==> flow/design.v <==
module u_arith_add_stage (aclk, valid, bus, init, q);
  parameter integer DATA_W = 96;
  parameter integer EXT = 4;
  input aclk;
  input valid;
  input [DATA_W-1:0] bus;
  input init;
  output [DATA_W+EXT-1:0] q;
  reg [DATA_W-1:0] bus_q;
  reg init_q;
  reg [DATA_W+EXT-1:0] state;
  assign q = state;
  always @(posedge aclk) begin
    if (valid) begin
      bus_q <= bus;
      init_q <= init;
      state <= init_q ? bus_q : state + bus_q;
    end
  end
endmodule
Step by step through the tools: u_arith_add_stage
What the tools print for u_arith_add_stage, step after step.
Line numbers count from 1 in the design file above.
Not given: --

set-up
  top module = u_arith_add_stage
  clock = aclk
  standard-cell library = sky130hd
  corner = tt_025C_1v80

Elaborated design
Counts by Yosys on the flattened word-level netlist (proc, flatten, opt, wreduce; memories kept). Register bits leave out memories and registers merged into their read ports (data or address); mux counts leave out enables and synchronous resets folded into registers. Print and check cells are left out. Cells with the same type and inputs are merged into one.

operators by class
  muxes and demuxes = 1
  $add $sub $neg = 1

operator list
  operator                   number
  adder 100 x 96 -> 100 bit  1
  two-way mux 96 bit         1

bit counts
  register bits after elaboration = 197
  output and inout bits = 100
  elaborated cells = 6
  input port bits = 99

Longest topological paths
Longest topological path by Yosys (ltp), each cell counted once; first at word level (registers and memories cut), then after technology mapping (sequential cells cut; the memories' decode and read muxes count).

depth
  depth after elaboration = 2
  ABC_AREA = 0
  depth in mapped cells = 13
  mapped depth without buffers = 13

Synthesis result
Yosys stat after the flow's synthesis: flattened, memories mapped to cells. It holds for the ABC_AREA given above (unset counts as 0); a run with the other value may have another netlist.

synthesis totals
  sequential area = 5915.7 µm²
  flip-flop cells = 197
  buffers = 74
  mapped cells = 1375
  mapped area = 13165.1 µm²

cell types
  cell                       number  area in all (µm²)
  sky130_fd_sc_hd__edfxtp_1  197     5.92E+03
  sky130_fd_sc_hd__ha_1      96      1.2E+03
  sky130_fd_sc_hd__o21ai_0   156     780.749
  sky130_fd_sc_hd__a21oi_1   142     710.682
  sky130_fd_sc_hd__nand2_1   176     660.634
  sky130_fd_sc_hd__xnor2_1   55      481.712
  sky130_fd_sc_hd__a21o_1    51      382.867
  sky130_fd_sc_hd__nor2_1    77      289.027
  sky130_fd_sc_hd__nand4_1   46      287.776
  sky130_fd_sc_hd__xor2_1    30      262.752
  sky130_fd_sc_hd__o21bai_1  32      240.23
  sky130_fd_sc_hd__clkbuf_1  61      228.97
  sky130_fd_sc_hd__inv_1     36      135.13
  sky130_fd_sc_hd__nor3_1    24      120.115
  sky130_fd_sc_hd__nand3_1   19      95.091
  sky130_fd_sc_hd__a31oi_1   14      87.584
  sky130_fd_sc_hd__or3_1     13      81.328
  sky130_fd_sc_hd__a21boi_0  10      75.072

Other cell types: 49; their cells: 140.

Path before layout
OpenSTA on the mapped netlist: ideal clock, no wires. The path of least setup slack (recovery checks aside). Input and output delay are each 20% of the period. Register names are those of the netlist, which keeps one name where synthesis merged equal registers.

timing path post-synthesis
  path kind = reg-to-reg
  from = register state[33]
  to = register state[98]
  path delay = 3.375 ns
  setup slack = 0.844 ns
  arrival time = 3.113 ns
  clock period = 4.22 ns
  driving pins on the path = 13
  library setup time = 0.262 ns
  time at the first pin = 0.000 ns
  buffers on the path = 1
  data required time = 3.958 ns
  synthesis period reached = 3.376 ns

"path delay" = arrival - input delay + setup time.
"driving pins on the path": output pins that drive a net of the path, with the launching flip-flop's if there is one; two outputs of one cell count as two.
"synthesis period reached" = period - worst setup slack (recovery checks aside). The figure is calculated, with input and output delays left at 20% of the set period.
Between the ends stands the longest chain of elaborated cells between them, by number of cells; it is not shown to be the way that was timed. Of several equally long chains one is given.
A line is the first line of the expression or statement that the cell stems from. Yosys adds cells for indexed reads and writes and turns some case tables into memories.

between the ends, post-synthesis
  cells stage by stage = sky130_fd_sc_hd__edfxtp_1 > sky130_fd_sc_hd__ha_1 > sky130_fd_sc_hd__clkbuf_1 > sky130_fd_sc_hd__and4_1 > sky130_fd_sc_hd__nand2_1 > sky130_fd_sc_hd__or3_1 > sky130_fd_sc_hd__a2111oi_4 > sky130_fd_sc_hd__o21ai_2 > sky130_fd_sc_hd__a211oi_2 > sky130_fd_sc_hd__o2111ai_1 > sky130_fd_sc_hd__a21oi_2 > sky130_fd_sc_hd__o211a_1 > sky130_fd_sc_hd__mux2_1
  length of the longest elaborated chain = 1
  elaborated cells between the ends (all ways) = 1
  RTL lines with such cells = 1
  classes of those cells = add/sub: 1

ends and longest elaborated chain, post-synthesis
  element                    RTL line  RTL
  start: declaration         11        reg [DATA_W+EXT-1:0] state;
  start: assignment          17        state <= init_q ? bus_q : state + bus_q;
  adder 100 x 96 -> 100 bit  17
  end: assignment            17
  end: declaration           11

Worst path after layout
Path of least setup slack in the final report of run 1 (OpenROAD, finished layout, wires in). Where an end is a register, its clock arrival counts in the times.

timing path post-layout
  path kind = reg-to-reg
  from = register state[13]
  to = register state[98]
  clock period = 4.22 ns
  data required time = 4.42 ns
  buffers on the path = 0
  time at the first pin = 0.45 ns
  arrival time = 4.27 ns
  setup slack = 0.15 ns
  driving pins on the path = 13
  library setup time = 0.24 ns

Between the ends stands the longest chain of elaborated cells between them, by number of cells; it is not shown to be the way that was timed. Of several equally long chains one is given.

between the ends, post-layout
  cells stage by stage = sky130_fd_sc_hd__edfxtp_1 > sky130_fd_sc_hd__ha_1 > sky130_fd_sc_hd__nand2_1 > sky130_fd_sc_hd__o21ai_0 > sky130_fd_sc_hd__a21oi_1 > sky130_fd_sc_hd__o31a_1 > sky130_fd_sc_hd__a2111oi_4 > sky130_fd_sc_hd__o21ai_2 > sky130_fd_sc_hd__a211oi_2 > sky130_fd_sc_hd__o2111ai_1 > sky130_fd_sc_hd__a21oi_2 > sky130_fd_sc_hd__o211a_1 > sky130_fd_sc_hd__mux2_1
  length of the longest elaborated chain = 1
  elaborated cells between the ends (all ways) = 1
  RTL lines with such cells = 1
  classes of those cells = add/sub: 1

ends and longest elaborated chain, post-layout
  element                    RTL line  RTL
  start: declaration         11        reg [DATA_W+EXT-1:0] state;
  start: assignment          17        state <= init_q ? bus_q : state + bus_q;
  adder 100 x 96 -> 100 bit  17
  end: assignment            17
  end: declaration           11

Hand-over note for u_arith_add_stage

Below are 3 stored runs of the flow (Yosys, OpenROAD; platform sky130hd) on u_arith_add_stage, each with its settings and what was measured, unordered. Constraints: input delay and output delay 20% of the set period each, output load 0.01 pF.
"achieved clock period" = clock period - worst setup slack. The figure is calculated, with input and output delays left at 20% of the set period.
"worst setup path time" = time allowed to the worst setup path (clock period - input delay - output delay, where it has them) - its slack; a late launch clock adds to it, a late capture clock takes from it.
"power" is the tool's figure for a default switching activity; nothing was simulated.

Run 1
==> flow/run.sh <==
#!/bin/bash
# the make line also repeats the synthesis and layout settings of config.mk as NAME=value (left out here)
make -C /OpenROAD-flow-scripts/flow DESIGN_CONFIG=/design/flow/config.mk WORK_HOME=/design/flow/orfs CLKGATE_MAP_FILE= finish
==> flow/config.mk <==
export PLATFORM = sky130hd
export DESIGN_NAME = u_arith_add_stage
export DESIGN_NICKNAME = u_arith_add_stage
export VERILOG_FILES = /design/flow/design.v
export SDC_FILE = /design/flow/constraint.sdc
export NUM_CORES = 4
export LEC_CHECK = 0
export CAP_MARGIN = 20
export CORE_MARGIN = 2
export CORE_UTILIZATION = 40
export SLEW_MARGIN = 20
==> flow/constraint.sdc <==
create_clock -name core_clock -period 4.22 [get_ports {aclk}]
set_input_delay 0.8440 -clock core_clock [delete_from_list [all_inputs] [get_ports {aclk}]]
set_output_delay 0.8440 -clock core_clock [all_outputs]
set_load 0.01 [all_outputs]

==> results of run 1 <==
chip area after synthesis (Yosys): 13165.1 µm²
die area: 34380.6 µm²
standard-cell area of the final layout: 16040.4 µm²
utilization: 49.4 %
worst setup slack after layout: 0.150 ns
total negative slack: 0.000 ns
worst hold slack: 0.566 ns
power: 0.007349 W
achieved clock period: 4.070 ns
worst setup path time: 4.07 ns
worst setup path kind: reg-to-reg

Run 2
==> flow/run.sh <==
#!/bin/bash
# the make line also repeats the synthesis and layout settings of config.mk as NAME=value (left out here)
make -C /OpenROAD-flow-scripts/flow DESIGN_CONFIG=/design/flow/config.mk WORK_HOME=/design/flow/orfs CLKGATE_MAP_FILE= finish
==> flow/config.mk <==
export PLATFORM = sky130hd
export DESIGN_NAME = u_arith_add_stage
export DESIGN_NICKNAME = u_arith_add_stage
export VERILOG_FILES = /design/flow/design.v
export SDC_FILE = /design/flow/constraint.sdc
export NUM_CORES = 4
export LEC_CHECK = 0
export ABC_AREA = 1
export CAP_MARGIN = 25
export CELL_PAD_IN_SITES_DETAIL_PLACEMENT = 0
export CORE_MARGIN = 2
export CORE_UTILIZATION = 22
export CTS_CLUSTER_DIAMETER = 133
export GPL_ROUTABILITY_DRIVEN = 1
export GPL_TIMING_DRIVEN = 1
export HOLD_SLACK_MARGIN = 0.16
export MAX_ROUTING_LAYER = met5
export MIN_ROUTING_LAYER = met1
export PLACE_DENSITY = 0.89
export SLEW_MARGIN = 20
==> flow/constraint.sdc <==
create_clock -name core_clock -period 2.1 [get_ports {aclk}]
set_input_delay 0.4200 -clock core_clock [delete_from_list [all_inputs] [get_ports {aclk}]]
set_output_delay 0.4200 -clock core_clock [all_outputs]
set_load 0.01 [all_outputs]

==> results of run 2 <==
chip area after synthesis (Yosys): 17503.0 µm²
die area: 81830.3 µm²
standard-cell area of the final layout: 33121.8 µm²
utilization: 42.0 %
worst setup slack after layout: -0.434 ns
total negative slack: -23.633 ns
worst hold slack: 0.336 ns
power: 0.025256 W
achieved clock period: 2.534 ns
worst setup path time: 2.53 ns
worst setup path kind: reg-to-reg

Run 3
==> flow/run.sh <==
#!/bin/bash
# the make line also repeats the synthesis and layout settings of config.mk as NAME=value (left out here)
make -C /OpenROAD-flow-scripts/flow DESIGN_CONFIG=/design/flow/config.mk WORK_HOME=/design/flow/orfs CLKGATE_MAP_FILE= finish
==> flow/config.mk <==
export PLATFORM = sky130hd
export DESIGN_NAME = u_arith_add_stage
export DESIGN_NICKNAME = u_arith_add_stage
export VERILOG_FILES = /design/flow/design.v
export SDC_FILE = /design/flow/constraint.sdc
export NUM_CORES = 4
export LEC_CHECK = 0
export ABC_AREA = 1
export CAP_MARGIN = 20
export CELL_PAD_IN_SITES_DETAIL_PLACEMENT = 2
export CELL_PAD_IN_SITES_GLOBAL_PLACEMENT = 0
export CORE_ASPECT_RATIO = 0.86
export CORE_MARGIN = 7
export CORE_UTILIZATION = 56
export CTS_CLUSTER_DIAMETER = 112
export GPL_ROUTABILITY_DRIVEN = 0
export MAX_ROUTING_LAYER = met4
export PLACE_DENSITY_LB_ADDON = 0.07
export SLEW_MARGIN = 15
export TNS_END_PERCENT = 90
==> flow/constraint.sdc <==
create_clock -name core_clock -period 6.15 [get_ports {aclk}]
set_input_delay 1.2300 -clock core_clock [delete_from_list [all_inputs] [get_ports {aclk}]]
set_output_delay 1.2300 -clock core_clock [all_outputs]
set_load 0.01 [all_outputs]

==> results of run 3 <==
did not finish, placement stopped with DPL-0033

End of note.
